==> flow/design.v <==
module sync_barrel_mod #(
  parameter integer BITS = 32,
  parameter integer SBITS = $clog2(BITS)
) (
  input logic sys_clk,
  input logic clr,
  input logic [BITS-1:0] ch,
  input logic [SBITS-1:0] sa,
  output logic [BITS-1:0] res
);
  logic [BITS-1:0] ch_r;
  logic [SBITS-1:0] sa_r;
  always_ff @(posedge sys_clk) begin
    if (clr) begin
      ch_r <= 0;
      sa_r <= 0;
      res <= 0;
    end else begin
      ch_r <= ch;
      sa_r <= sa;
      res <= ch_r >> sa_r;
    end
  end
endmodule
From RTL to reports: sync_barrel_mod
What the tools print for sync_barrel_mod, step after step.
Lines are those of the file above, counted from 1.
Operators carry their Yosys type and port widths (W data, S select, Z words).
Cell names lack the library's common part.
{ "inputs": {"top": "sync_barrel_mod", "clock": "sys_clk", "cell_library": "sky130hd", "pvt_corner": "tt_025C_1v80"} }

Elaborated design
Source: Yosys, flattened and elaborated, memories not mapped. Widths are those after wreduce; folded enables and synchronous resets count as part of the registers. Registers that Yosys merges into a memory's read port (data or address) are not register bits. Print and check cells do not count. Equal cells are merged and count once.
{ "word_totals": {"reg_bits": 69, "inputBits": 39, "output_inout_bits": 32, "word_cells": 4} }
{ "classes": {"shifts": 1} }
{ "ops": {"columns": ["op", "count"], "rows": [
  ["$shr A32 B5 Y32", 1]
]} }

Logic depth
Depth = most cells in a row (Yosys ltp): at word level without a register or memory, in the mapped netlist without a sequential cell, where the memories' decode and read muxes count.
{ "logic_depth": {"depth_word": 1, "ABC_AREA": 0, "ltp_mapped": 7, "depth_no_buf": 4} }

After synthesis
Yosys stat after the flow's synthesis: flattened, memories mapped to cells. It holds for the ABC_AREA given above (unset counts as 0); a run with the other value may have another netlist.
Totals and module areas in this step are rounded.
{ "types": {"columns": ["cell_type", "count", "type_area_um2"], "rows": [
  ["dfxtp_1", 69, 1.38E+03],
  ["mux4_2", 34, 765.734],
  ["mux2i_1", 36, 360.346],
  ["nor2b_1", 42, 262.752],
  ["mux2_2", 8, 90.086],
  ["nand2_1", 20, 75.072],
  ["nor2_1", 15, 56.304],
  ["buf_6", 4, 45.043],
  ["clkbuf_1", 12, 45.043],
  ["o22a_1", 5, 43.792],
  ["buf_2", 6, 30.029],
  ["o21ai_0", 6, 30.029],
  ["a2bb2oi_1", 3, 26.275],
  ["mux4_1", 1, 26.275],
  ["o221ai_1", 3, 26.275],
  ["a21oi_1", 5, 25.024],
  ["and3_1", 4, 25.024],
  ["nor3_1", 5, 25.024]
]} }
Other cell types: 23; their cells: 39.
{ "mapped": {"cells": 317, "yosys_area_um2": 3600, "seq_area_um2": 1400, "ffs": 69, "n_buf": 26} }

Worst setup path after synthesis
OpenSTA on the mapped netlist: ideal clock, no wires. The path of least setup slack (recovery checks aside). Input and output delay are each 20% of the period. Register names are those of the netlist, which keeps one name where synthesis merged equal registers.
{ "synth_path": {"kind": "reg-to-reg", "start": "register sa_r[0]", "end": "register res[11]", "tclk_ns": 2.2, "setup_time_ns": 0.116, "launch_ns": 0.000, "t_arrival_ns": 1.641, "required_ns": 2.084, "setup_slack_ns": 0.443, "path_delay_ns": 1.757, "driving_pins": 8, "period_less_setup_slack_ns": 1.757} }
"path_delay_ns" = arrival - input delay + setup time.
"driving_pins" counts driving pins, that of a launching flip-flop among them; a cell with two outputs on the path counts twice.
"period_less_setup_slack_ns" = period - worst setup slack (recovery checks aside). The figure is calculated, with input and output delays left at 20% of the set period.
Between the ends stands the longest chain of elaborated cells between them, by number of cells; it is not shown to be the way that was timed. Of several equally long chains one is given.
Each line given opens the expression or statement behind the cell; cells for indexed reads and writes are added by Yosys, which also makes memories of some case tables.
{ "synth_between": {"cell_sequence": "dfxtp_1 -> buf_6 -> buf_12 -> buf_6 -> mux4_2 -> mux2i_1 -> o22ai_1 -> a31o_2", "elab_chain_len": 1, "cone_cells": 1, "cone_classes": "shift: 1"} }
{ "synth_lines": {"columns": ["element", "line_no", "rtl"], "rows": [
  ["start, declared", 12, "logic [SBITS-1:0] sa_r;"],
  ["start, assigned", 16, "sa_r <= 0;"],
  ["start, assigned", 20, "sa_r <= sa;"],
  ["$shr A32 B5 Y32", 21, "res <= ch_r >> sa_r;"],
  ["end, assigned", 17, "res <= 0;"],
  ["end, assigned", 21, null],
  ["end, declared", 9, "output logic [BITS-1:0] res"]
]} }

Timing after layout
Path of least setup slack in the final report of record 1 (OpenROAD, finished layout, wires in). Where an end is a register, its clock arrival counts in the times.
{ "layout_path": {"kind": "reg-to-reg", "start": "register sa_r[0]", "end": "register res[11]", "tclk_ns": 1.54, "setup_time_ns": 0.11, "launch_ns": 0.33, "t_arrival_ns": 2.08, "required_ns": 1.76, "setup_slack_ns": -0.33, "driving_pins": 7} }
Between the ends stands the longest chain of elaborated cells between them, by number of cells; it is not shown to be the way that was timed. Of several equally long chains one is given.
{ "layout_between": {"cell_sequence": "dfxtp_4 -> buf_12 -> mux4_2 -> mux2i_1 -> buf_4 -> o22ai_2 -> a31o_2", "elab_chain_len": 1, "cone_cells": 1, "cone_classes": "shift: 1"} }
{ "layout_lines": {"columns": ["element", "line_no", "rtl"], "rows": [
  ["start, declared", 12, "logic [SBITS-1:0] sa_r;"],
  ["start, assigned", 16, "sa_r <= 0;"],
  ["start, assigned", 20, "sa_r <= sa;"],
  ["$shr A32 B5 Y32", 21, "res <= ch_r >> sa_r;"],
  ["end, assigned", 17, "res <= 0;"],
  ["end, assigned", 21, null],
  ["end, declared", 9, "output logic [BITS-1:0] res"]
]} }

Module sync_barrel_mod, platform sky130hd: 3 stored runs of the flow (Yosys, OpenROAD) with differing settings, in no particular order. Input and output delays are each 20% of the period that was set; the output load is 0.01 pF.
"achieved_clock_period_ns" is the run's clock period less its worst setup slack. It is reckoned from that one timing run; input and output delays stay at 20% of the period that was set.
"worstPathTime_ns" means the part of the period allowed to the worst setup path (the constraints hold back 20% at inputs and 20% at outputs) less its slack; where the path has registers, the arrival times of their clocks count too.
"totalPower_uw": no workload was simulated; the value follows from the tool's default switching activity.
Results are given in rounded form.
[
  {
    "run": "record 1",
    "settings": { "period_ns": 1.54, "CORE_UTILIZATION": 30, "PLACE_DENSITY_LB_ADDON": 0.23, "CORE_ASPECT_RATIO": 1.99, "CORE_MARGIN": 6, "TNS_END_PERCENT": 30, "ABC_AREA": 0, "CTS_CLUSTER_SIZE": 37, "CAP_MARGIN": 35, "SLEW_MARGIN": 20 },
    "results": { "setupTns_ns": -5.5, "post_synth_area_um2": 3600, "fin_hold_ws_ns": 0.53, "final_setup_ws_ns": -0.33, "die_um2": 15000, "totalPower_uw": 5200, "finish.stdcell_area_um2": 5600, "worstPathTime_ns": 1.87, "path_kind": "reg-to-reg", "achieved_clock_period_ns": 1.866 }
  },
  {
    "run": "record 2",
    "settings": { "period_ns": 2.2, "CAP_MARGIN": 20, "CORE_MARGIN": 2, "CORE_UTILIZATION": 40, "SLEW_MARGIN": 20 },
    "results": { "setupTns_ns": 0.000, "post_synth_area_um2": 3600, "fin_hold_ws_ns": 0.62, "final_setup_ws_ns": 0.16, "die_um2": 9800, "totalPower_uw": 2900, "finish.stdcell_area_um2": 4600, "worstPathTime_ns": 2.04, "path_kind": "reg-to-reg", "achieved_clock_period_ns": 2.040 }
  },
  {
    "run": "record 3",
    "settings": { "period_ns": 1.23, "CORE_UTILIZATION": 42, "SETUP_SLACK_MARGIN": 0.07, "PLACE_DENSITY_LB_ADDON": 0.26, "CORE_ASPECT_RATIO": 0.8, "CORE_MARGIN": 2, "CELL_PAD_IN_SITES_DETAIL_PLACEMENT": 2, "TNS_END_PERCENT": 30, "GPL_TIMING_DRIVEN": 1, "MIN_ROUTING_LAYER": "met2", "CAP_MARGIN": 20, "SLEW_MARGIN": 20 },
    "outcome": "stopped before the end: clock tree synthesis reported DPL-0033"
  }
]
